==> flow/design.v <==
module core_times_blk #(
  parameter DATA_W = 4
) (
  input logic core_clk,
  input logic i_rst_n,
  input logic clk_en,
  input logic signed [DATA_W-1:0] a,
  input logic signed [DATA_W-1:0] b,
  output logic signed [2*DATA_W-1:0] out
);
  logic signed [2*DATA_W-1:0] out_ff;
  assign out = out_ff;
  always_ff @(posedge core_clk or negedge i_rst_n) begin
    if (~i_rst_n) begin
      out_ff <= '0;
    end else if (clk_en) begin
      out_ff <= a * b;
    end
  end
endmodule
Wiki page: core_times_blk / tool data

From RTL to reports: core_times_blk
A sweep over "DATA_W": the same steps for each member of the family.
The file above is the member DATA_W 4. Line numbers count from 1 in each member's own file.
Cell names lack the library's common part.
Not given: --
Design
  top: core_times_blk
  clock input: core_clk
  library: sky130hd
  timing corner: tt_025C_1v80

Source of the members
New or changed lines of each further member against the RTL above, in its own file; lines it lacks are not shown.
Lines new or changed
  DATA_W 6: RTL line 2  | parameter DATA_W = 6
  DATA_W 11: RTL line 2  | parameter DATA_W = 11
  DATA_W 14: RTL line 2  | parameter DATA_W = 14
  DATA_W 28: RTL line 2  | parameter DATA_W = 28

Elaborated design
Yosys after proc, flatten, opt, wreduce and memory -nomap, before mapping. Enables and synchronous resets that opt folds into registers are not counted as muxes. Memory bits, and registers merged into a memory's read port (data or address), are not among the register bits. Print and check cells are not counted. Equal cells are merged and count once.
Word-level totals
  DATA_W 4: clocked read ports x word width 0, output and inout bits 8, input bits 11, latch bits 0, word-level cells 2, memory bits (read-only) 0, RAM bits 0, bits in registers 8, memory cells 0
  DATA_W 6: clocked read ports x word width 0, output and inout bits 12, input bits 15, latch bits 0, word-level cells 2, memory bits (read-only) 0, RAM bits 0, bits in registers 12, memory cells 0
  DATA_W 11: clocked read ports x word width 0, output and inout bits 22, input bits 25, latch bits 0, word-level cells 2, memory bits (read-only) 0, RAM bits 0, bits in registers 22, memory cells 0
  DATA_W 14: clocked read ports x word width 0, output and inout bits 28, input bits 31, latch bits 0, word-level cells 2, memory bits (read-only) 0, RAM bits 0, bits in registers 28, memory cells 0
  DATA_W 28: clocked read ports x word width 0, output and inout bits 56, input bits 59, latch bits 0, word-level cells 2, memory bits (read-only) 0, RAM bits 0, bits in registers 56, memory cells 0
Cells by class
  DATA_W 4: add/sub/neg operators 0, shifts and indexed selects 0, order comparisons 0, bitwise operators 0, mux-type cells 0, reductions and logical operators 0, multiply operators 1, div/mod/pow operators 0, equal/unequal tests 0
  DATA_W 6: add/sub/neg operators 0, shifts and indexed selects 0, order comparisons 0, bitwise operators 0, mux-type cells 0, reductions and logical operators 0, multiply operators 1, div/mod/pow operators 0, equal/unequal tests 0
  DATA_W 11: add/sub/neg operators 0, shifts and indexed selects 0, order comparisons 0, bitwise operators 0, mux-type cells 0, reductions and logical operators 0, multiply operators 1, div/mod/pow operators 0, equal/unequal tests 0
  DATA_W 14: add/sub/neg operators 0, shifts and indexed selects 0, order comparisons 0, bitwise operators 0, mux-type cells 0, reductions and logical operators 0, multiply operators 1, div/mod/pow operators 0, equal/unequal tests 0
  DATA_W 28: add/sub/neg operators 0, shifts and indexed selects 0, order comparisons 0, bitwise operators 0, mux-type cells 0, reductions and logical operators 0, multiply operators 1, div/mod/pow operators 0, equal/unequal tests 0
Operators by type and width (kinds with counts)
  DATA_W 4: 1 x 4-bit by 4-bit multiplier with 8-bit output
  DATA_W 6: 1 x 6-bit by 6-bit multiplier with 12-bit output
  DATA_W 11: 1 x 11-bit by 11-bit multiplier with 22-bit output
  DATA_W 14: 1 x 14-bit by 14-bit multiplier with 28-bit output
  DATA_W 28: 1 x 28-bit by 28-bit multiplier with 56-bit output

Depth
Longest topological path by Yosys (ltp), each cell counted once; first at word level (registers and memories cut), then after technology mapping (sequential cells cut; the memories' decode and read muxes count).
Logic depth
  DATA_W 4: depth after elaboration 1, ABC_AREA 0, gate-level depth with buffers 12, mapped depth without buffers 12
  DATA_W 6: depth after elaboration 1, ABC_AREA 0, gate-level depth with buffers 16, mapped depth without buffers 16
  DATA_W 11: depth after elaboration 1, ABC_AREA 0, gate-level depth with buffers 21, mapped depth without buffers 19
  DATA_W 14: depth after elaboration 1, ABC_AREA 0, gate-level depth with buffers 22, mapped depth without buffers 21
  DATA_W 28: depth after elaboration 1, ABC_AREA 0, gate-level depth with buffers 28, mapped depth without buffers 25

Netlist
Yosys stat after the flow's synthesis: flattened, memories mapped to cells. It holds for the ABC_AREA given above (unset counts as 0); a run with the other value may have another netlist.
Synthesis totals
  DATA_W 4: cells in the netlist 78, mapped area 870.8 um^2, buffer cells 1, flip-flop cells 8
  DATA_W 6: cells in the netlist 180, mapped area 1793.0 um^2, buffer cells 2, flip-flop cells 12
  DATA_W 11: cells in the netlist 608, mapped area 5621.6 um^2, buffer cells 26, flip-flop cells 22
  DATA_W 14: cells in the netlist 923, mapped area 8685.8 um^2, buffer cells 37, flip-flop cells 28
  DATA_W 28: cells in the netlist 3294, mapped area 31129.9 um^2, buffer cells 191, flip-flop cells 56
Cells by type (type and count)
  DATA_W 4: 8 x dfrtp_1; 9 x fa_1; 12 x ha_1; 5 x mux2_2; 13 x inv_1; 5 x xnor2_1; 6 x and2_1; 1 x xnor3_1; 1 x a21oi_4; 2 x a21o_1; 2 x and2_2; 1 x mux2_4; 1 x buf_6; 3 x nor2_1; 2 x a21oi_1; 2 x nand2_1; 1 x o21bai_1; 1 x nand2_2; (+3)
  DATA_W 6: 26 x fa_1; 12 x dfrtp_1; 21 x ha_1; 37 x inv_1; 21 x and2_1; 6 x mux2_2; 7 x xnor2_1; 10 x nand2_1; 5 x nor2b_1; 5 x o21ai_0; 2 x xor2_1; 1 x mux2_4; 1 x a211oi_2; 2 x a31oi_1; 2 x nand2b_1; 1 x a21boi_2; 2 x a21oi_1; 2 x buf_2; (+17)
  DATA_W 11: 117 x fa_1; 161 x inv_1; 47 x ha_1; 22 x dfrtp_1; 48 x and2_1; 66 x nand2_1; 14 x mux2_2; 17 x xnor2_1; 22 x clkbuf_1; 15 x a21oi_1; 12 x nor2_1; 5 x a21o_1; 6 x nand2b_1; 7 x o21ai_0; 4 x o211ai_1; 4 x o21a_1; 1 x a2111oi_4; 3 x nor3b_1; (+37)
  DATA_W 14: 195 x fa_1; 67 x ha_1; 214 x inv_1; 28 x dfrtp_1; 103 x and2_1; 87 x nand2_1; 22 x xnor2_1; 14 x mux2_2; 27 x a21oi_1; 35 x clkbuf_1; 25 x nor2_1; 14 x o21ai_0; 6 x a211oi_1; 6 x a21o_1; 7 x nand2b_1; 7 x nand3_1; 4 x xor2_1; 4 x nand3b_1; (+58)
  DATA_W 28: 823 x fa_1; 813 x inv_1; 397 x and2_1; 185 x ha_1; 401 x nand2_1; 56 x dfrtp_1; 174 x clkbuf_1; 38 x mux2_2; 34 x xnor2_1; 58 x a21oi_1; 23 x a21o_1; 16 x xor2_1; 27 x o21ai_0; 21 x nor2b_1; 26 x nor2_1; 13 x o21a_1; 14 x nand4_1; 16 x nand3_1; (+159)
The mark (+n) counts cells that are not listed.

Path before layout
Source: OpenSTA report_checks on the synthesized netlist (no wires, ideal clock, input and output delay 20% of the period each), path of least setup slack; recovery checks are left aside. Register names are those of the netlist, which keeps one name where synthesis merged equal registers.
Path post-synthesis
  DATA_W 4: path kind input-to-reg, start point input port a[0], end point register out_ff[7], path delay 3.077 ns, period 4.81 ns, setup slack 0.771 ns, driving pins on the path 11, period reached after synthesis 4.039 ns
  DATA_W 6: path kind input-to-reg, start point input port a[0], end point register out_ff[10], path delay 3.658 ns, period 5.72 ns, setup slack 0.918 ns, driving pins on the path 13, period reached after synthesis 4.802 ns
  DATA_W 11: path kind input-to-reg, start point input port b[2], end point register out_ff[20], path delay 4.651 ns, period 7.27 ns, setup slack 1.165 ns, driving pins on the path 16, period reached after synthesis 6.105 ns
  DATA_W 14: path kind input-to-reg, start point input port a[13], end point register out_ff[24], path delay 5.505 ns, period 8.6 ns, setup slack 1.374 ns, driving pins on the path 19, period reached after synthesis 7.226 ns
  DATA_W 28: path kind input-to-reg, start point input port a[27], end point register out_ff[54], path delay 7.377 ns, period 11.5 ns, setup slack 1.823 ns, driving pins on the path 27, period reached after synthesis 9.677 ns
"path delay" = arrival - input delay + setup time.
"driving pins on the path": output pins that drive a net of the path, with the launching flip-flop's if there is one; two outputs of one cell count as two.
"period reached after synthesis" = period - worst setup slack (recovery checks aside). The figure is calculated, with input and output delays left at 20% of the set period.
Between the ends stands the longest chain of elaborated cells between them, by number of cells; it is not shown to be the way that was timed. Of several equally long chains one is given.
Each line given opens the expression or statement behind the cell; cells for indexed reads and writes are added by Yosys, which also makes memories of some case tables.
Between the ends, post-synthesis, DATA_W 4
  length of the longest elaborated chain: 1
RTL lines, path post-synthesis, DATA_W 4
  from (decl): RTL line 7  | input logic signed [DATA_W-1:0] a,
  4-bit by 4-bit multiplier with 8-bit output: RTL line 17  | out_ff <= a * b;
  to (assign): RTL line 15  | out_ff <= '0;
  to (assign): RTL line 17
  to (decl): RTL line 11  | logic signed [2*DATA_W-1:0] out_ff;
Between the ends, post-synthesis, DATA_W 28
  length of the longest elaborated chain: 1
RTL lines, path post-synthesis, DATA_W 28
  from (decl): RTL line 7  | input logic signed [DATA_W-1:0] a,
  28-bit by 28-bit multiplier with 56-bit output: RTL line 17  | out_ff <= a * b;
  to (assign): RTL line 15  | out_ff <= '0;
  to (assign): RTL line 17
  to (decl): RTL line 11  | logic signed [2*DATA_W-1:0] out_ff;

Timing after layout
From the final timing report of each member's run: the path of least setup slack in the routed layout; clock arrival at registers is part of the times.
Path after layout
  DATA_W 4: path kind input-to-reg, start point input port a[0], end point register out_ff[7], path buffers 1, period 4.81 ns, driving pins on the path 12, arrival time 4.52 ns, setup slack 0.42 ns
  DATA_W 6: path kind input-to-reg, start point input port a[0], end point register out_ff[10], path buffers 1, period 5.72 ns, driving pins on the path 14, arrival time 5.42 ns, setup slack 0.42 ns
  DATA_W 11: path kind input-to-reg, start point input port b[2], end point register out_ff[19], path buffers 1, period 7.27 ns, driving pins on the path 16, arrival time 6.83 ns, setup slack 0.56 ns
  DATA_W 14: path kind input-to-reg, start point input port b[2], end point register out_ff[24], path buffers 1, period 8.6 ns, driving pins on the path 18, arrival time 8.04 ns, setup slack 0.69 ns
  DATA_W 28: path kind input-to-reg, start point input port b[7], end point register out_ff[54], path buffers 1, period 11.5 ns, driving pins on the path 24, arrival time 10.44 ns, setup slack 1.28 ns

Measured runs
One run of the flow (Yosys, OpenROAD) for each member, with settings and measured results. Input and output delays are each 20% of the period that was set; the output load is 0.01 pF.
Settings
  CAP_MARGIN: 20
  CORE_MARGIN: 2
  CORE_UTILIZATION: 40
  SLEW_MARGIN: 20
Settings that differ (period_ns)
  DATA_W 4: 4.81
  DATA_W 6: 5.72
  DATA_W 11: 7.27
  DATA_W 14: 8.6
  DATA_W 28: 11.5
Results
  DATA_W 4: setup slack of the critical path 0.420 ns, synthesized cell area 870.8 um^2, sum of negative setup slack 0.000 ns, final utilization 0.548, standard-cell area of the final layout 1096.0 um^2, worst hold slack after layout 0.503 ns, period reached 4.390 ns, die outline area 2566.4 um^2
  DATA_W 6: setup slack of the critical path 0.416 ns, synthesized cell area 1793.0 um^2, sum of negative setup slack 0.000 ns, final utilization 0.504, standard-cell area of the final layout 2178.3 um^2, worst hold slack after layout 0.507 ns, period reached 5.304 ns, die outline area 5033.9 um^2
  DATA_W 11: setup slack of the critical path 0.558 ns, synthesized cell area 5621.6 um^2, sum of negative setup slack 0.000 ns, final utilization 0.455, standard-cell area of the final layout 6291.0 um^2, worst hold slack after layout 0.480 ns, period reached 6.712 ns, die outline area 15018.5 um^2
  DATA_W 14: setup slack of the critical path 0.689 ns, synthesized cell area 8685.8 um^2, sum of negative setup slack 0.000 ns, final utilization 0.456, standard-cell area of the final layout 9643.0 um^2, worst hold slack after layout 0.507 ns, period reached 7.911 ns, die outline area 22909.8 um^2
  DATA_W 28: setup slack of the critical path 1.281 ns, synthesized cell area 31129.9 um^2, sum of negative setup slack 0.000 ns, final utilization 0.433, standard-cell area of the final layout 33469.6 um^2, worst hold slack after layout 0.497 ns, period reached 10.219 ns, die outline area 80072.0 um^2
"period reached" = clock period - worst setup slack. The figure is calculated, with input and output delays left at 20% of the set period.
